==> flow/design.v <==
module my_mpy (aclk, a, b, m);
    parameter DATA_W = 16;
    input aclk;
    input [DATA_W-1:0] a;
    input [DATA_W-1:0] b;
    output [2*DATA_W-1:0] m;
    reg [DATA_W-1:0] a_q;
    reg [DATA_W-1:0] b_q;
    always @(posedge aclk) begin
        a_q <= a;
        b_q <= b;
    end
    assign m = a_q * b_q;
endmodule
Reports on my_mpy
Tool output for the design above, in the order of the flow.
Lines are those of the file above, counted from 1.
Operators: Yosys type, input widths -> output width; for muxes data width and select width s.
Library cell names are shortened.
{"block": "design", "top_module": "my_mpy", "clk_port": "aclk", "cell_library": "sky130hd", "lib_corner": "tt_025C_1v80"}

After elaboration
Source: Yosys, flattened and elaborated, memories not mapped. Widths are those after wreduce; folded enables and synchronous resets count as part of the registers. Registers that Yosys merges into a memory's read port (data or address) are not register bits. Print and check cells do not count. Equal cells are merged and count once.
{"block": "word_totals", "word_cells": 3, "register_bits": 32, "output_inout_bits": 32, "inputBits": 33}
{"block": "classes", "mul": 1}
{"block": "op_table", "op": "$mul 16x16->32", "count": 1}

Longest topological paths
Depth = most cells in a row (Yosys ltp): at word level without a register or memory, in the mapped netlist without a sequential cell, where the memories' decode and read muxes count.
{"block": "depth", "depth_word": 1, "abc_area": 0, "ltp_mapped": 21, "ltp_nobuf": 19}

Netlist
The flow's flattened synthesis, as Yosys stat reports it; memories are mapped. The netlist is that of the ABC_AREA named above (0 if unset); the other value can give another one.
{"block": "mapped", "ff_cells": 32, "area_um2": 9372.7, "buf_cells": 45, "stdcells": 1046, "seq_area_um2": 640.6}
{"block": "by_type", "cell": "fa_1", "count": 194, "type_area_um2": 3.88E+03}
{"block": "by_type", "cell": "ha_1", "count": 104, "type_area_um2": 1.3E+03}
{"block": "by_type", "cell": "inv_1", "count": 221, "type_area_um2": 829.546}
{"block": "by_type", "cell": "and2_1", "count": 125, "type_area_um2": 782}
{"block": "by_type", "cell": "dfxtp_1", "count": 32, "type_area_um2": 640.614}
{"block": "by_type", "cell": "nand2_1", "count": 159, "type_area_um2": 596.822}
{"block": "by_type", "cell": "a21oi_1", "count": 31, "type_area_um2": 155.149}
{"block": "by_type", "cell": "clkbuf_1", "count": 40, "type_area_um2": 150.144}
{"block": "by_type", "cell": "xnor2_1", "count": 17, "type_area_um2": 148.893}
{"block": "by_type", "cell": "a21o_1", "count": 16, "type_area_um2": 120.115}
{"block": "by_type", "cell": "xor2_1", "count": 10, "type_area_um2": 87.584}
{"block": "by_type", "cell": "o21ai_0", "count": 12, "type_area_um2": 60.058}
{"block": "by_type", "cell": "nor2_1", "count": 13, "type_area_um2": 48.797}
{"block": "by_type", "cell": "and4_1", "count": 5, "type_area_um2": 43.792}
{"block": "by_type", "cell": "nand4_1", "count": 7, "type_area_um2": 43.792}
{"block": "by_type", "cell": "a221oi_2", "count": 2, "type_area_um2": 30.029}
{"block": "by_type", "cell": "o211ai_1", "count": 4, "type_area_um2": 30.029}
{"block": "by_type", "cell": "a211o_1", "count": 3, "type_area_um2": 26.275}
Not listed: further types 34, cells in them 51.

Timing after synthesis
Path of least setup slack by OpenSTA after synthesis, without wires, with an ideal clock, recovery checks aside; 20% of the period is set as input and as output delay. Where synthesis merged equal registers, the netlist keeps one of their names.
{"block": "synth_timing", "path_type": "reg2out", "startpoint": "register b_q[1]", "endpoint": "output m[28]", "t_required_ns": 7.032, "arrival_time_ns": 5.627, "slack_ns": 1.405, "stages": 20, "n_path_buf": 2, "launch_ns": 0.000, "tclk_ns": 8.79, "output_delay_ns": 1.758, "delay_ns": 5.627, "period_less_setup_slack_ns": 7.385}
"delay_ns" is the arrival time less input delay plus setup time.
At an output port there is no setup time.
"stages" counts driving pins, that of a launching flip-flop among them; a cell with two outputs on the path counts twice.
"period_less_setup_slack_ns" is the clock period less the worst setup slack; recovery checks do not enter. This is arithmetic on one report: input and output delays are still those of the set period (20% each).
Between the ends stands the longest chain of elaborated cells between them, by number of cells; it is not shown to be the way that was timed. Of several equally long chains one is given.
Each line given opens the expression or statement behind the cell; cells for indexed reads and writes are added by Yosys, which also makes memories of some case tables.
{"block": "synth_between", "path_cell_list": "dfxtp_1 -> clkbuf_1 -> nand2_1 -> fa_1 -> fa_1 -> fa_1 -> fa_1 -> inv_1 -> fa_1 -> inv_1 -> fa_1 -> inv_1 -> ha_1 -> clkbuf_1 -> nand2_1 -> o21ai_0 -> a21oi_1 -> a21boi_0 -> o21ai_0 -> o311ai_0", "elab_chain_len": 1, "cells_between": 1, "lines_between": 1, "classes_between": "1 x mul"}
{"block": "synth_lines", "element": "start: declaration", "line_no": 8, "text": "reg [DATA_W-1:0] b_q;"}
{"block": "synth_lines", "element": "start: assignment", "line_no": 11, "text": "b_q <= b;"}
{"block": "synth_lines", "element": "$mul 16x16->32", "line_no": 13, "text": "assign m = a_q * b_q;"}
{"block": "synth_lines", "element": "end: declaration", "line_no": 6, "text": "output [2*DATA_W-1:0] m;"}

Path in the finished layout
Path of least setup slack in the final report of stored run 1 (OpenROAD, finished layout, wires in). Where an end is a register, its clock arrival counts in the times.
{"block": "layout_timing", "path_type": "reg2out", "startpoint": "register a_q[7]", "endpoint": "output m[31]", "t_required_ns": 4.42, "arrival_time_ns": 5.84, "n_path_buf": 4, "launch_ns": 0.28, "tclk_ns": 5.52, "slack_ns": -1.43, "output_delay_ns": 1.10, "stages": 22}
Between the ends stands the longest chain of elaborated cells between them, by number of cells; it is not shown to be the way that was timed. Of several equally long chains one is given.
{"block": "layout_between", "path_cell_list": "dfxtp_4 -> buf_12 -> buf_6 -> nand2_2 -> fa_1 -> fa_2 -> fa_1 -> inv_2 -> ha_4 -> fa_1 -> inv_1 -> fa_1 -> inv_2 -> ha_4 -> a211o_1 -> a221o_1 -> a221oi_2 -> buf_4 -> nor3_4 -> or2_0 -> o211ai_1 -> buf_2", "elab_chain_len": 1, "cells_between": 1, "lines_between": 1, "classes_between": "1 x mul"}
{"block": "layout_lines", "element": "start: declaration", "line_no": 7, "text": "reg [DATA_W-1:0] a_q;"}
{"block": "layout_lines", "element": "start: assignment", "line_no": 10, "text": "a_q <= a;"}
{"block": "layout_lines", "element": "$mul 16x16->32", "line_no": 13, "text": "assign m = a_q * b_q;"}
{"block": "layout_lines", "element": "end: declaration", "line_no": 6, "text": "output [2*DATA_W-1:0] m;"}

Top module my_mpy; platform sky130hd; tools Yosys and OpenROAD; 3 stored runs in no particular order. Input and output delays are each 20% of the period that was set; the output load is 0.01 pF.
"timing.achieved_period_ns" is the run's clock period less its worst setup slack. It is reckoned from that one timing run; input and output delays stay at 20% of the period that was set.
"worst_path_ns" is the time allowed to the run's worst setup path (the clock period less input and output delay, where it has them) less its slack. Clock arrival times count: a late capture clock shortens it, a late launch clock lengthens it.

Stored run 1
==> flow/run.sh <==
#!/bin/bash
# the make line also repeats the synthesis and layout settings of config.mk as NAME=value (left out here)
make -C /OpenROAD-flow-scripts/flow DESIGN_CONFIG=/design/flow/config.mk WORK_HOME=/design/flow/orfs CLKGATE_MAP_FILE= finish
==> flow/config.mk <==
export PLATFORM = sky130hd
export DESIGN_NAME = my_mpy
export DESIGN_NICKNAME = my_mpy
export VERILOG_FILES = /design/flow/design.v
export SDC_FILE = /design/flow/constraint.sdc
export NUM_CORES = 4
export LEC_CHECK = 0
export CAP_MARGIN = 20
export CELL_PAD_IN_SITES_GLOBAL_PLACEMENT = 1
export CORE_MARGIN = 2
export CORE_UTILIZATION = 48
export GPL_ROUTABILITY_DRIVEN = 1
export MAX_ROUTING_LAYER = met5
export MIN_ROUTING_LAYER = met2
export PLACE_DENSITY_LB_ADDON = 0.01
export SETUP_SLACK_MARGIN = 0.46
export SLEW_MARGIN = 0
export TNS_END_PERCENT = 70
==> flow/constraint.sdc <==
create_clock -name core_clock -period 5.52 [get_ports {aclk}]
set_input_delay 1.1040 -clock core_clock [delete_from_list [all_inputs] [get_ports {aclk}]]
set_output_delay 1.1040 -clock core_clock [all_outputs]
set_load 0.01 [all_outputs]

==> results of stored run 1, as JSON <==
{
  "layout_stdcell_area_um2": 12498.2,
  "timing.achieved_period_ns": 6.948,
  "die_footprint_um2": 20659.8,
  "setup_ws_ns": -1.428,
  "fin_tns_ns": -27.887,
  "worst_path_ns": 5.84,
  "critical_path_kind": "reg2out",
  "finish.utilization_pct": 64.6,
  "holdWs_ns": 1.238,
  "synth_chip_area_um2": 9372.7
}

Stored run 2
==> flow/run.sh <==
#!/bin/bash
# the make line also repeats the synthesis and layout settings of config.mk as NAME=value (left out here)
make -C /OpenROAD-flow-scripts/flow DESIGN_CONFIG=/design/flow/config.mk WORK_HOME=/design/flow/orfs CLKGATE_MAP_FILE= finish
==> flow/config.mk <==
export PLATFORM = sky130hd
export DESIGN_NAME = my_mpy
export DESIGN_NICKNAME = my_mpy
export VERILOG_FILES = /design/flow/design.v
export SDC_FILE = /design/flow/constraint.sdc
export NUM_CORES = 4
export LEC_CHECK = 0
export CAP_MARGIN = 20
export CORE_MARGIN = 2
export CORE_UTILIZATION = 40
export SLEW_MARGIN = 20
==> flow/constraint.sdc <==
create_clock -name core_clock -period 8.79 [get_ports {aclk}]
set_input_delay 1.7580 -clock core_clock [delete_from_list [all_inputs] [get_ports {aclk}]]
set_output_delay 1.7580 -clock core_clock [all_outputs]
set_load 0.01 [all_outputs]

==> results of stored run 2, as JSON <==
{
  "layout_stdcell_area_um2": 10498.8,
  "timing.achieved_period_ns": 8.468,
  "die_footprint_um2": 24672.6,
  "setup_ws_ns": 0.322,
  "fin_tns_ns": 0.000,
  "worst_path_ns": 6.71,
  "critical_path_kind": "reg2out",
  "finish.utilization_pct": 45.1,
  "holdWs_ns": 1.895,
  "synth_chip_area_um2": 9372.7
}

Stored run 3
==> flow/run.sh <==
#!/bin/bash
# the make line also repeats the synthesis and layout settings of config.mk as NAME=value (left out here)
make -C /OpenROAD-flow-scripts/flow DESIGN_CONFIG=/design/flow/config.mk WORK_HOME=/design/flow/orfs CLKGATE_MAP_FILE= finish
==> flow/config.mk <==
export PLATFORM = sky130hd
export DESIGN_NAME = my_mpy
export DESIGN_NICKNAME = my_mpy
export VERILOG_FILES = /design/flow/design.v
export SDC_FILE = /design/flow/constraint.sdc
export NUM_CORES = 4
export LEC_CHECK = 0
export CAP_MARGIN = 20
export CELL_PAD_IN_SITES_DETAIL_PLACEMENT = 1
export CORE_ASPECT_RATIO = 1.58
export CORE_MARGIN = 2
export CORE_UTILIZATION = 52
export CTS_CLUSTER_DIAMETER = 116
export CTS_CLUSTER_SIZE = 22
export MIN_ROUTING_LAYER = met1
export PLACE_DENSITY_LB_ADDON = 0.16
export SETUP_SLACK_MARGIN = 3.12
export SLEW_MARGIN = 20
==> flow/constraint.sdc <==
create_clock -name core_clock -period 11.0 [get_ports {aclk}]
set_input_delay 2.2000 -clock core_clock [delete_from_list [all_inputs] [get_ports {aclk}]]
set_output_delay 2.2000 -clock core_clock [all_outputs]
set_load 0.01 [all_outputs]

==> results of stored run 3, as JSON <==
{
  "layout_stdcell_area_um2": 11557.3,
  "timing.achieved_period_ns": 8.874,
  "die_footprint_um2": 19142.1,
  "setup_ws_ns": 2.126,
  "fin_tns_ns": 0.000,
  "worst_path_ns": 6.67,
  "critical_path_kind": "reg2out",
  "finish.utilization_pct": 65.6,
  "holdWs_ns": 2.325,
  "synth_chip_area_um2": 9372.7
}
